==> flow/design.v <==
module mul_unit_rtl #(
   parameter BITS = 22
) (
   input wire CLK,
   input wire ce,
   input wire [BITS-1:0] x,
   input wire [BITS-1:0] y,
   output wire [2*BITS-1:0] p
);
   reg [BITS-1:0] r_x;
   reg [BITS-1:0] r_y;
   always @(posedge CLK) begin
      if (ce) begin
         r_x <= x;
         r_y <= y;
      end
   end
   wire [BITS:0] node [0:BITS];
   wire [BITS-1:0] lo;
   assign node[0] = 0;
   genvar i;
   generate
      for (i = 0; i < BITS; i = i + 1) begin : stage
         add_row #(.N(BITS)) inst (.a(r_x), .sel(r_y[i]), .pin(node[i][BITS:1]), .pout(node[i+1]));
         assign lo[i] = node[i+1][0];
      end
   endgenerate
   reg [2*BITS-1:0] r_p;
   always @(posedge CLK) begin
      if (ce) begin
         r_p <= {node[BITS][BITS:1], lo};
      end
   end
   assign p = r_p;
endmodule
module add_row #(parameter N = 4) (
   input wire [N-1:0] a,
   input wire sel,
   input wire [N-1:0] pin,
   output wire [N:0] pout
);
   assign pout = pin + (a & {N{sel}});
endmodule
### Tool chain data of mul_unit_rtl

Tool output for the design above, in the order of the flow.
Lines are those of the file above, counted from 1.
Library cell names are shortened.
Not given: n/a

| inputs | value |
|---|---|
| top module | mul_unit_rtl |
| clock port | CLK |
| cell library | sky130hd |
| timing corner | tt_025C_1v80 |

### After elaboration

Source: Yosys, flattened and elaborated, memories not mapped. Widths are those after wreduce; folded enables and synchronous resets count as part of the registers. Registers that Yosys merges into a memory's read port (data or address) are not register bits. Print and check cells do not count. Equal cells are merged and count once.

| word-level totals | value |
|---|---|
| register bits | 88 |
| input bits | 46 |
| output and inout port bits | 44 |
| cells after elaboration | 46 |

| operators by class | value |
|---|---|
| add/sub/neg operators | 21 |
| bitwise operators | 22 |

Operator list:

| cell | number |
|---|---|
| 22-bit bitwise AND | 22 |
| 22-bit by 23-bit adder with 23-bit output | 20 |
| 21-bit by 23-bit adder with 23-bit output | 1 |

### Logic depth

Longest topological path by Yosys (ltp), each cell counted once; first at word level (registers and memories cut), then after technology mapping (sequential cells cut; the memories' decode and read muxes count).

| logic depth | value |
|---|---|
| depth in word-level cells | 22 |
| ABC_AREA | 0 |
| mapped depth | 138 |
| gate-level depth less buffers | 135 |

### Netlist

Yosys stat after the flow's synthesis: flattened, memories mapped to cells. It holds for the ABC_AREA given above (unset counts as 0); a run with the other value may have another netlist.
The area totals of this step are shown rounded.

| synthesis totals | value |
|---|---|
| mapped cells | 3,753 |
| synthesis area | 28,150 sq um |
| sequential part of the area | 2,643 sq um |
| flip-flops | 88 |
| buffer cells | 126 |

Cells by type:

| cell | number | area in all (sq um) |
|---|---|---|
| ha_1 | 461 | 5.77E+03 |
| and2_1 | 484 | 3.03E+03 |
| edfxtp_1 | 88 | 2.64E+03 |
| xnor2_1 | 260 | 2.28E+03 |
| a21oi_1 | 370 | 1.85E+03 |
| a21o_1 | 175 | 1,313.76 |
| o21ai_0 | 196 | 980.941 |
| nor2_1 | 246 | 923.386 |
| xor2_1 | 92 | 805.773 |
| nand2_1 | 212 | 795.763 |
| inv_1 | 163 | 611.837 |
| o21a_1 | 70 | 525.504 |
| clkbuf_1 | 124 | 465.446 |
| fa_1 | 21 | 420.403 |
| nor2b_1 | 60 | 375.36 |
| o21bai_1 | 50 | 375.36 |
| nand3_1 | 70 | 350.336 |
| a211oi_1 | 45 | 337.824 |

Not listed: further types 66, cells in them 566.
The figures by module come from a second, unflattened synthesis with its own total; it is not the netlist above.

| second synthesis, totals | value |
|---|---|
| cells (unflattened synthesis) | 4,027 |
| area (unflattened synthesis) | 29,400 sq um |

Rows give one instance, submodules left out.

By module:

| module | times used | cells | area (sq um) |
|---|---|---|---|
| add_row (N=22) | 22 | 179 | 1,216 |
| mul_unit_rtl | 1 | 89 | 2,646 |

### Timing after synthesis

Source: OpenSTA report_checks on the synthesized netlist (no wires, ideal clock, input and output delay 20% of the period each), path of least setup slack; recovery checks are left aside. Register names are those of the netlist, which keeps one name where synthesis merged equal registers.

| timing path after synthesis | value |
|---|---|
| kind | register to register |
| from | register r_x[1] |
| to | register r_p[42] |
| clock period | 30,600 ps |
| library setup time | 269 ps |
| data arrival time | 24,223 ps |
| data required time | 30,331 ps |
| path slack | 6,108 ps |
| path delay | 24,492 ps |
| driving pins on the path | 127 |
| path buffers | 7 |
| synthesis period reached | 24,492 ps |

"path delay" = arrival - input delay + setup time.
"driving pins on the path": output pins that drive a net of the path, with the launching flip-flop's if there is one; two outputs of one cell count as two.
"synthesis period reached" is the clock period less the worst setup slack; recovery checks do not enter. This is arithmetic on one report: input and output delays are still those of the set period (20% each).
The rows between start and end are the longest chain of elaborated cells between them; the timing report does not say that the signal goes this way. Where chains are equally long, one stands for them.
A line is the first line of the expression or statement that the cell stems from. Yosys adds cells for indexed reads and writes and turns some case tables into memories.

| on the way, after synthesis | value |
|---|---|
| cells stage by stage | edfxtp_1 clkbuf_1 nand2_1 inv_1 ha_1 a211oi_1 nor2_1 o311ai_2 a21oi_1 o31a_1 or2_2 o311ai_0 ha_1 clkbuf_1 a21o_1 a21o_1 a21oi_1 and2_1 [... 91 more ...] o311ai_0 ha_1 nand3_1 nor2_1 a221oi_1 xnor2_1 ha_1 and3_1 a211o_1 xor2_1 ha_1 inv_1 nor2_1 nor2_1 o21ai_0 a211oi_1 o31ai_1 xor2_1 |
| cells in the longest elaborated chain | 22 |

Ends and longest elaborated chain, after synthesis:

| item | line | source |
|---|---|---|
| start: declaration | 10 | `reg [BITS-1:0] r_x;` |
| start: assignment | 14 | `r_x <= x;` |
| 22-bit bitwise AND | 42 | `assign pout = pin + (a & {N{sel}});` |
| 21-bit by 23-bit adder with 23-bit output | 42 |  |
| 22-bit by 23-bit adder with 23-bit output x20 | 42 |  |
| end: assignment | 31 | `r_p <= {node[BITS][BITS:1], lo};` |
| end: declaration | 28 | `reg [2*BITS-1:0] r_p;` |

### Path in the finished layout

Path of least setup slack in the final report of flow run 1 (OpenROAD, finished layout, wires in). Where an end is a register, its clock arrival counts in the times.
The report prints the path's times to 10 ps; the period is as set.

| timing path post-layout | value |
|---|---|
| kind | register to register |
| from | register r_x[1] |
| to | register r_p[42] |
| clock period | 30,600 ps |
| library setup time | 250 ps |
| data arrival time | 27,470 ps |
| data required time | 30,740 ps |
| path slack | 3,270 ps |
| driving pins on the path | 123 |
| path buffers | 1 |

The rows between start and end are the longest chain of elaborated cells between them; the timing report does not say that the signal goes this way. Where chains are equally long, one stands for them.

| on the way, post-layout | value |
|---|---|
| cells stage by stage | edfxtp_1 buf_4 nand2_1 inv_1 ha_1 a211oi_1 nor2_1 or2_2 a21oi_1 xnor2_1 ha_1 o21a_1 o31a_1 a21oi_1 ha_1 o21ai_0 nor2_1 o21a_1 [... 87 more ...] o311ai_0 ha_1 nand3_1 nor2_1 a221oi_1 xnor2_1 ha_1 and3_1 a211o_1 xor2_1 ha_1 inv_1 nor2_1 nor2_1 o21ai_0 a211oi_1 o31ai_1 xor2_1 |
| cells in the longest elaborated chain | 22 |

Ends and longest elaborated chain, post-layout:

| item | line | source |
|---|---|---|
| start: declaration | 10 | `reg [BITS-1:0] r_x;` |
| start: assignment | 14 | `r_x <= x;` |
| 22-bit bitwise AND | 42 | `assign pout = pin + (a & {N{sel}});` |
| 21-bit by 23-bit adder with 23-bit output | 42 |  |
| 22-bit by 23-bit adder with 23-bit output x20 | 42 |  |
| end: assignment | 31 | `r_p <= {node[BITS][BITS:1], lo};` |
| end: declaration | 28 | `reg [2*BITS-1:0] r_p;` |

==> results <==
Design mul_unit_rtl on sky130hd. What follows are 3 stored runs of the flow, each under its own settings; their order means nothing. The constraints put input and output delay at 20% of the set period each and load the outputs with 0.01 pF.
"reached clock period" is the run's clock period less its worst setup slack. It is reckoned from that one timing run; input and output delays stay at 20% of the period that was set.
"worst setup path time" means the part of the period allowed to the worst setup path (the constraints hold back 20% at inputs and 20% at outputs) less its slack; where the path has registers, the arrival times of their clocks count too.
"worst setup path time" is given in steps of 10 ps.
Results are given in rounded form.

## Flow run 1

==> flow/run.sh <==
#!/bin/bash
# the make line also repeats the synthesis and layout settings of config.mk as NAME=value (left out here)
make -C /OpenROAD-flow-scripts/flow DESIGN_CONFIG=/design/flow/config.mk WORK_HOME=/design/flow/orfs CLKGATE_MAP_FILE= finish
==> flow/config.mk <==
export PLATFORM = sky130hd
export DESIGN_NAME = mul_unit_rtl
export DESIGN_NICKNAME = mul_unit_rtl
export VERILOG_FILES = /design/flow/design.v
export SDC_FILE = /design/flow/constraint.sdc
export NUM_CORES = 4
export LEC_CHECK = 0
export CAP_MARGIN = 20
export CORE_MARGIN = 2
export CORE_UTILIZATION = 40
export SLEW_MARGIN = 20
==> flow/constraint.sdc <==
create_clock -name core_clock -period 30.6 [get_ports {CLK}]
set_input_delay 6.1200 -clock core_clock [delete_from_list [all_inputs] [get_ports {CLK}]]
set_output_delay 6.1200 -clock core_clock [all_outputs]
set_load 0.01 [all_outputs]

| result of flow run 1 | value |
|---|---|
| reached clock period | 27,328 ps |
| worst setup slack after layout | 3,272 ps |
| die size | 72,530 sq um |
| chip area after synthesis (Yosys) | 28,150 sq um |
| worst setup path time | 27,330 ps |
| worst setup path type | register to register |
| worst-case hold slack | 855 ps |
| utilization after layout | 0.432 |
| setup total negative slack | 0 ps |
| standard-cell area of the final layout | 30,220 sq um |

## Flow run 2

==> flow/run.sh <==
#!/bin/bash
# the make line also repeats the synthesis and layout settings of config.mk as NAME=value (left out here)
make -C /OpenROAD-flow-scripts/flow DESIGN_CONFIG=/design/flow/config.mk WORK_HOME=/design/flow/orfs CLKGATE_MAP_FILE= finish
==> flow/config.mk <==
export PLATFORM = sky130hd
export DESIGN_NAME = mul_unit_rtl
export DESIGN_NICKNAME = mul_unit_rtl
export VERILOG_FILES = /design/flow/design.v
export SDC_FILE = /design/flow/constraint.sdc
export NUM_CORES = 4
export LEC_CHECK = 0
export CAP_MARGIN = 20
export CELL_PAD_IN_SITES_GLOBAL_PLACEMENT = 1
export CORE_MARGIN = 4
export CORE_UTILIZATION = 18
export CTS_CLUSTER_DIAMETER = 239
export PLACE_DENSITY_LB_ADDON = 0.29
export SETUP_SLACK_MARGIN = 0.82
export SLEW_MARGIN = 20
==> flow/constraint.sdc <==
create_clock -name core_clock -period 15.5 [get_ports {CLK}]
set_input_delay 3.1000 -clock core_clock [delete_from_list [all_inputs] [get_ports {CLK}]]
set_output_delay 3.1000 -clock core_clock [all_outputs]
set_load 0.01 [all_outputs]

| result of flow run 2 | value |
|---|---|
| reached clock period | 23,998 ps |
| worst setup slack after layout | -8,498 ps |
| die size | 162,800 sq um |
| chip area after synthesis (Yosys) | 28,150 sq um |
| worst setup path time | 24,000 ps |
| worst setup path type | register to register |
| worst-case hold slack | 727 ps |
| utilization after layout | 0.306 |
| setup total negative slack | -147,300 ps |
| standard-cell area of the final layout | 47,350 sq um |

## Flow run 3

==> flow/run.sh <==
#!/bin/bash
# the make line also repeats the synthesis and layout settings of config.mk as NAME=value (left out here)
make -C /OpenROAD-flow-scripts/flow DESIGN_CONFIG=/design/flow/config.mk WORK_HOME=/design/flow/orfs CLKGATE_MAP_FILE= finish
==> flow/config.mk <==
export PLATFORM = sky130hd
export DESIGN_NAME = mul_unit_rtl
export DESIGN_NICKNAME = mul_unit_rtl
export VERILOG_FILES = /design/flow/design.v
export SDC_FILE = /design/flow/constraint.sdc
export NUM_CORES = 4
export LEC_CHECK = 0
export CAP_MARGIN = 0
export CELL_PAD_IN_SITES_DETAIL_PLACEMENT = 2
export CORE_MARGIN = 2
export CORE_UTILIZATION = 52
export CTS_CLUSTER_DIAMETER = 36
export CTS_CLUSTER_SIZE = 76
export GPL_ROUTABILITY_DRIVEN = 1
export HOLD_SLACK_MARGIN = 0.22
export MIN_ROUTING_LAYER = met2
export SLEW_MARGIN = 30
==> flow/constraint.sdc <==
create_clock -name core_clock -period 44.2 [get_ports {CLK}]
set_input_delay 8.8400 -clock core_clock [delete_from_list [all_inputs] [get_ports {CLK}]]
set_output_delay 8.8400 -clock core_clock [all_outputs]
set_load 0.01 [all_outputs]

Flow run 3: incomplete, placement halted on DPL-0033
